==> flow/design.v <==
module shft #(
  parameter XLEN = 10,
  parameter SW = $clog2(XLEN)
) (
  input ck,
  input rst_n,
  input enable,
  input [XLEN-1:0] bus,
  input [SW-1:0] sa,
  output reg [XLEN-1:0] y
);
  reg [XLEN-1:0] bus_s;
  reg [SW-1:0] sa_s;
  wire [XLEN-1:0] node [0:SW];
  assign node[0] = bus_s;
  genvar ii;
  generate
    for (ii = 0; ii < SW; ii = ii + 1) begin : each
      assign node[ii+1] = sa_s[ii] ? node[ii] >> (1 << ii) : node[ii];
    end
  endgenerate
  always @(posedge ck) begin
    if (!rst_n) begin
      bus_s <= 0;
      sa_s <= 0;
      y <= 0;
    end else if (enable) begin
      bus_s <= bus;
      sa_s <= sa;
      y <= node[SW];
    end
  end
endmodule
-- From RTL to reports: shft
Tool output for the design above, in the order of the flow.
Line numbers count from 1 in the design file above.
Operators carry their Yosys type and port widths (W data, S select, Z words).
Library cell names are shortened.
The mark - stands for no value.
- top module: shft
- clock port: ck
- library: sky130hd
- timing corner: tt_025C_1v80

-- Word level
Yosys after proc, flatten, opt, wreduce and memory -nomap, before mapping. Enables and synchronous resets that opt folds into registers are not counted as muxes. Print and check cells are not counted. Equal cells are merged and count once.
- register bits after elaboration: 24
- noted latch bits: 0
- noted bits in writable memories: 0
- noted bits in read-only memories: 0
- word width x clocked read ports: 0
- memory cells at 0
- noted input port bits: 17
- output and inout port bits: 10
- elaborated cells: 7
- add/subtract/negate cells at 0
- $mul: 0
- noted div/mod/pow operators: 0
- magnitude comparators: 0
- noted equality and inequality tests: 0
- shift-type cells at 0
- multiplexer cells: 4
- noted bitwise operators: 0
- noted reductions and logical operators: 0
- operators with widths (operator ; number):
    $mux W10 ; 4

-- Longest topological paths
Longest topological path by Yosys (ltp), each cell counted once; first at word level (registers and memories cut), then after technology mapping (sequential cells cut; the memories' decode and read muxes count).
- depth in word-level cells at 4
- ABC_AREA: 0
- gate-level depth with buffers: 5

-- Mapped cells and area
The flow's flattened synthesis, as Yosys stat reports it; memories are mapped. The netlist is that of the ABC_AREA named above (0 if unset); the other value can give another one.
- noted standard cells after synthesis: 116
- noted chip area (Yosys): 1203.7 sq um
- noted flip-flops: 24
- cell types (type ; number ; area in all (sq um)):
    dfxtp_1 ; 24 ; 480.461
    mux2i_1 ; 23 ; 230.221
    nor2b_1 ; 19 ; 118.864
    mux4_2 ; 2 ; 45.043
    buf_6 ; 3 ; 33.782
    a22oi_1 ; 4 ; 30.029
    nand2_1 ; 7 ; 26.275
    mux2_2 ; 2 ; 22.522
    nor3b_4 ; 1 ; 18.768
    a32oi_1 ; 2 ; 17.517
    a21boi_1 ; 2 ; 15.014
    a21oi_1 ; 3 ; 15.014
    o211ai_1 ; 2 ; 15.014
    a31oi_1 ; 2 ; 12.512
    nand2b_1 ; 2 ; 12.512
    a32o_1 ; 1 ; 10.01
    buf_2 ; 2 ; 10.01
    nand3_1 ; 2 ; 10.01
Other cell types: 12; their cells: 13.

-- Timing after synthesis
OpenSTA on the mapped netlist: ideal clock, no wires. The path of least setup slack (recovery checks aside). Input and output delay are each 20% of the period. Register names are those of the netlist, which keeps one name where synthesis merged equal registers.
- path kind: reg-to-reg
- start: reg sa_s[1]
- end: reg y[1]
- clock period: 1.67 ns
- library setup time: 0.115 ns
- time at the first pin: 0.000 ns
- data arrival time at 1.220 ns
- data required time: 1.555 ns
- setup slack at 0.335 ns
- noted delay of the path: 1.335 ns
- stages on the path at 5
- noted buffers on the path: 0
- period reached after synthesis at 1.335 ns
"delay of the path" = arrival - input delay + setup time.
"stages on the path": output pins that drive a net of the path, with the launching flip-flop's if there is one; two outputs of one cell count as two.
"period reached after synthesis" = period - worst setup slack (recovery checks aside). The figure is calculated, with input and output delays left at 20% of the set period.
Between the ends stands the longest chain of elaborated cells between them, by number of cells; it is not shown to be the way that was timed. Of several equally long chains one is given.
A line is the first line of the expression or statement that the cell stems from. Yosys adds cells for indexed reads and writes and turns some case tables into memories.
- cell sequence: dfxtp_1 mux4_2 a21oi_1 a31oi_1 o21a_1
- cells in the longest elaborated chain: 3
- ends and longest elaborated chain, after synthesis (element ; RTL line ; text):
    from (decl) ; 13 ; reg [SW-1:0] sa_s;
    from (assign) ; 25 ; sa_s <= 0;
    from (assign) ; 29 ; sa_s <= sa;
    $mux W10 x3 ; 19 ; assign node[ii+1] = sa_s[ii] ? node[ii] >> (1 << ii) : node[ii];
    to (assign) ; 26 ; y <= 0;
    to (assign) ; 30 ; y <= node[SW];
    to (decl) ; 10 ; output reg [XLEN-1:0] y

-- Worst path after layout
From the final timing report of stored run 1: the path of least setup slack in the routed layout; clock arrival at registers is part of the times.
- path kind: reg-to-reg
- start: reg sa_s[1]
- end: reg y[1]
- clock period: 0.814 ns
- library setup time: 0.10 ns
- time at the first pin: 0.27 ns
- data arrival time at 1.52 ns
- data required time: 0.99 ns
- setup slack at -0.52 ns
- stages on the path at 5
- noted buffers on the path: 0
Between the ends stands the longest chain of elaborated cells between them, by number of cells; it is not shown to be the way that was timed. Of several equally long chains one is given.
- cell sequence: dfxtp_4 mux4_2 a21oi_2 a31oi_1 o21a_1
- cells in the longest elaborated chain: 3
- ends and longest elaborated chain, after layout (element ; RTL line ; text):
    from (decl) ; 13 ; reg [SW-1:0] sa_s;
    from (assign) ; 25 ; sa_s <= 0;
    from (assign) ; 29 ; sa_s <= sa;
    $mux W10 x3 ; 19 ; assign node[ii+1] = sa_s[ii] ? node[ii] >> (1 << ii) : node[ii];
    to (assign) ; 26 ; y <= 0;
    to (assign) ; 30 ; y <= node[SW];
    to (decl) ; 10 ; output reg [XLEN-1:0] y

Record of 3 stored runs of the RTL-to-layout flow on shft, platform sky130hd. The runs are unordered. Constraints: input delay and output delay 20% of the set period each, output load 0.01 pF.
"reached clock period": clock period set for the run, less the worst setup slack. It is reckoned from that one timing run; input and output delays stay at 20% of the period that was set.
"time used up by the worst setup path": the worst setup path's part of the clock period (all of it between registers, 20% less for each end at a port) less its slack. A launch clock that arrives late makes it longer, a capture clock that arrives late makes it shorter.
"total power of the final layout" is the tool's figure for a default switching activity; nothing was simulated.

Stored run 1
Settings were period_ns = 0.814; CORE_UTILIZATION = 31; SETUP_SLACK_MARGIN = 0.24; PLACE_DENSITY = 0.5; CORE_MARGIN = 9; CELL_PAD_IN_SITES_DETAIL_PLACEMENT = 1; ABC_AREA = 0; CAP_MARGIN = 40; MIN_ROUTING_LAYER = met1; MAX_ROUTING_LAYER = met5; SLEW_MARGIN = 20
- standard-cell area of the final layout at 1891.8 sq um
- die size: 6449.7 sq um
- noted the final worst hold slack: 0.351 ns
- time used up by the worst setup path: 1.34 ns
- type of the worst setup path: reg-to-reg
- noted the post-layout utilization: 50.9 %
- reached clock period at 1.338 ns
- noted the mapped cell area after synthesis: 1203.7 sq um
- noted the post-route setup TNS: -5.125 ns
- setup slack of the critical path at -0.524 ns
- noted the total power of the final layout: 0.00302 W

Stored run 2
Settings were period_ns = 1.67; CAP_MARGIN = 20; CORE_MARGIN = 2; CORE_UTILIZATION = 40; SLEW_MARGIN = 20
- noted the final worst hold slack: 0.498 ns
- setup slack of the critical path at 0.126 ns
- noted the post-route setup TNS: 0.000 ns
- standard-cell area of the final layout at 1541.5 sq um
- time used up by the worst setup path: 1.21 ns
- type of the worst setup path: reg-to-output
- noted the mapped cell area after synthesis: 1203.7 sq um
- reached clock period at 1.544 ns
- noted the total power of the final layout: 0.001114 W
- die size: 3463.9 sq um
- noted the post-layout utilization: 55.0 %

Stored run 3
Settings were period_ns = 2.34; CORE_UTILIZATION = 58; SETUP_SLACK_MARGIN = 0.6; PLACE_DENSITY_LB_ADDON = 0.3; HOLD_SLACK_MARGIN = 0.25; CORE_ASPECT_RATIO = 0.55; CORE_MARGIN = 4; CELL_PAD_IN_SITES_GLOBAL_PLACEMENT = 0; CELL_PAD_IN_SITES_DETAIL_PLACEMENT = 1; GPL_ROUTABILITY_DRIVEN = 1; CTS_CLUSTER_DIAMETER = 364; SLEW_MARGIN = 5; CAP_MARGIN = 20
- not finished: placement ended with error DPL-0033
